==> flow/design.v <==
module cpu_compare_n #(
  parameter integer DWIDTH = 48
) (
  input logic sys_clk,
  input logic [DWIDTH-1:0] op_a_in,
  input logic [DWIDTH-1:0] op_b_in,
  output logic is_gt_out
);
  logic [DWIDTH:0] cc;
  assign cc[0] = 1'b0;
  for (genvar gi = 0; gi < DWIDTH; gi++) begin : lane
    assign cc[gi+1] = (op_a_in[gi] ^ op_b_in[gi]) ? op_a_in[gi] : cc[gi];
  end
  always_ff @(posedge sys_clk) begin
    is_gt_out <= cc[DWIDTH];
  end
endmodule
From RTL to reports: cpu_compare_n
What the tools print for cpu_compare_n, step after step.
Line numbers count from 1 in the design file above.
Operators carry their Yosys type and port widths (W data, S select, Z words).
Not given: --

inputs
  top module = cpu_compare_n
  clock = sys_clk
  cell library = sky130hd
  corner = tt_025C_1v80

Word-level counts
Counts by Yosys on the flattened word-level netlist (proc, flatten, opt, wreduce; memories kept). Register bits leave out memories and registers merged into their read ports (data or address); mux counts leave out enables and synchronous resets folded into registers. Print and check cells are left out. Cells with the same type and inputs are merged into one.

bit counts
  bits in registers = 1
  input port bits = 97
  output and inout port bits = 1
  cells after elaboration = 97

operators by class
  muxes and demuxes = 48
  bitwise operators = 48

operator list
  operator       number
  $xor A1 B1 Y1  48
  $mux W1        48

Longest topological paths
Yosys ltp: most cells in a row. Word level: on the elaborated netlist, between registers, memories and ports. Mapped: between sequential cells and ports; inverters and the memories' decode and read muxes count.

logic depth
  depth in word-level cells = 49
  ABC_AREA = 0
  gate-level depth with buffers = 6
  gate-level depth less buffers = 6

Synthesis result
The flow's flattened synthesis, as Yosys stat reports it; memories are mapped. The netlist is that of the ABC_AREA named above (0 if unset); the other value can give another one.
Totals and module areas in this step are rounded.

mapped netlist
  mapped cells = 140
  mapped area = 910 um2
  area of sequential cells = 20 um2
  flip-flop cells = 1
  buffer cells = 0

cells by type
  cell type                   number  total area (um2)
  sky130_fd_sc_hd__inv_1      29      108.854
  sky130_fd_sc_hd__nor2b_1    16      100.096
  sky130_fd_sc_hd__nand2b_1   14      87.584
  sky130_fd_sc_hd__maj3_2     4       45.043
  sky130_fd_sc_hd__o22ai_1    7       43.792
  sky130_fd_sc_hd__maj3_1     4       40.038
  sky130_fd_sc_hd__a22oi_1    5       37.536
  sky130_fd_sc_hd__o2111ai_1  4       35.034
  sky130_fd_sc_hd__a21oi_1    6       30.029
  sky130_fd_sc_hd__a2111oi_4  1       27.526
  sky130_fd_sc_hd__a22o_1     3       26.275
  sky130_fd_sc_hd__clkinv_1   6       22.522
  sky130_fd_sc_hd__nand3b_1   3       22.522
  sky130_fd_sc_hd__dfxtp_1    1       20.019
  sky130_fd_sc_hd__a221oi_1   2       17.517
  sky130_fd_sc_hd__a2bb2oi_1  2       17.517
  sky130_fd_sc_hd__a2111oi_2  1       15.014
  sky130_fd_sc_hd__nand2_1    4       15.014

Other cell types: 23; their cells: 28.

Worst setup path after synthesis
Path of least setup slack by OpenSTA after synthesis, without wires, with an ideal clock, recovery checks aside; 20% of the period is set as input and as output delay. Where synthesis merged equal registers, the netlist keeps one of their names.

timing path post-synthesis
  path kind = input port to flip-flop
  from = in op_b_in[4]
  to = reg is_gt_out
  period = 2030 ps
  external input delay = 406 ps
  library setup time = 63 ps
  time at the first pin = 406 ps
  arrival time = 1644 ps
  data required time = 1967 ps
  path slack = 323 ps
  delay of the path = 1301 ps
  stages = 6
  buffers on the path = 0
  period reached after synthesis = 1707 ps

"delay of the path" is the arrival time less input delay plus setup time.
"stages" counts driving pins, that of a launching flip-flop among them; a cell with two outputs on the path counts twice.
"period reached after synthesis" is the clock period less the worst setup slack; recovery checks do not enter. This is arithmetic on one report: input and output delays are still those of the set period (20% each).
Between the ends stands the longest chain of elaborated cells between them, by number of cells; it is not shown to be the way that was timed. Of several equally long chains one is given.
Each line given opens the expression or statement behind the cell; cells for indexed reads and writes are added by Yosys, which also makes memories of some case tables.

between the ends, post-synthesis
  cells stage by stage = sky130_fd_sc_hd__nand2b_1 > sky130_fd_sc_hd__maj3_2 > sky130_fd_sc_hd__maj3_1 > sky130_fd_sc_hd__a311oi_1 > sky130_fd_sc_hd__o2111ai_1 > sky130_fd_sc_hd__nand3_1
  length of the longest elaborated chain = 45
  elaborated cells between the ends (all ways) = 45
  source lines of those cells = 1
  those cells by class = 44 x mux; 1 x logic

RTL lines, path post-synthesis
  element             line  source
  start: declaration  6     input logic [DWIDTH-1:0] op_b_in,
  $xor A1 B1 Y1       12    assign cc[gi+1] = (op_a_in[gi] ^ op_b_in[gi]) ? op_a_in[gi] : cc[gi];
  $mux W1 x44         12
  end: assignment     15    is_gt_out <= cc[DWIDTH];
  end: declaration    7     output logic is_gt_out

Worst path after layout
From the final timing report of stored run 3: the path of least setup slack in the routed layout; clock arrival at registers is part of the times.
The path's times are printed in steps of 10 ps; the period is the one set.

timing path post-layout
  path kind = input port to flip-flop
  from = in op_b_in[10]
  to = reg is_gt_out
  period = 1910 ps
  external input delay = 380 ps
  library setup time = 140 ps
  time at the first pin = 380 ps
  arrival time = 1780 ps
  data required time = 1770 ps
  path slack = -10 ps
  stages = 7
  buffers on the path = 1

Between the ends stands the longest chain of elaborated cells between them, by number of cells; it is not shown to be the way that was timed. Of several equally long chains one is given.

between the ends, post-layout
  cells stage by stage = sky130_fd_sc_hd__clkdlybuf4s50_1 > sky130_fd_sc_hd__inv_1 > sky130_fd_sc_hd__a22o_1 > sky130_fd_sc_hd__nand2_1 > sky130_fd_sc_hd__o2111ai_2 > sky130_fd_sc_hd__o2111ai_2 > sky130_fd_sc_hd__nand3_1
  length of the longest elaborated chain = 39
  elaborated cells between the ends (all ways) = 39
  source lines of those cells = 1
  those cells by class = 38 x mux; 1 x logic

RTL lines, path post-layout
  element             line  source
  start: declaration  6     input logic [DWIDTH-1:0] op_b_in,
  $xor A1 B1 Y1       12    assign cc[gi+1] = (op_a_in[gi] ^ op_b_in[gi]) ? op_a_in[gi] : cc[gi];
  $mux W1 x38         12
  end: assignment     15    is_gt_out <= cc[DWIDTH];
  end: declaration    7     output logic is_gt_out

Module cpu_compare_n, platform sky130hd: 3 stored runs of the flow (Yosys, OpenROAD) with differing settings, in no particular order. Input and output delays are each 20% of the period that was set; the output load is 0.01 pF.
"achieved period" means the clock period less the worst setup slack. The figure is calculated, with input and output delays left at 20% of the set period.
"time of the worst setup path" = time allowed to the worst setup path (clock period - input delay - output delay, where it has them) - its slack; a late launch clock adds to it, a late capture clock takes from it.
"power": no workload was simulated; the value follows from the tool's default switching activity.
"time of the worst setup path" is known to 10 ps.
Results are given in rounded form.
Among the settings, -- means not set for that run.
Among the results, -- means that no value is shown for the run.

item                                   stored run 1  stored run 2  stored run 3
period_ns                              2.85          2.03          1.91
CORE_UTILIZATION                       71            40            18
PLACE_DENSITY_LB_ADDON                 0.16          --            --
CELL_PAD_IN_SITES_GLOBAL_PLACEMENT     2             --            --
ABC_AREA                               1             --            --
CTS_CLUSTER_SIZE                       19            --            47
MIN_ROUTING_LAYER                      met1          --            met2
MAX_ROUTING_LAYER                      met5          --            met5
CAP_MARGIN                             20            20            20
CORE_MARGIN                            2             2             3
SLEW_MARGIN                            20            20            20
SETUP_SLACK_MARGIN                     --            --            0.46
PLACE_DENSITY                          --            --            0.9
HOLD_SLACK_MARGIN                      --            --            -0.01
CORE_ASPECT_RATIO                      --            --            0.55
CELL_PAD_IN_SITES_DETAIL_PLACEMENT     --            --            2
TNS_END_PERCENT                        --            --            35
GPL_ROUTABILITY_DRIVEN                 --            --            0
achieved period (ps)                   --            --            1922
utilization after layout               --            --            0.5
worst slack on setup checks (ps)       --            --            -12
power (uW)                             --            --            530
time of the worst setup path (ps)      --            --            1540
worst setup path kind                  --            --            input port to flip-flop
std-cell area (final layout) (um2)     --            --            2300
final worst hold slack (ps)            --            --            980
Yosys chip area after synthesis (um2)  --            --            910
total die area (um2)                   --            --            6000
total negative slack (ps)              --            --            -12

Stored run 1: no final report: placement broke off with FLW-0024
Stored run 2: no final report: routing broke off with DPL-0038
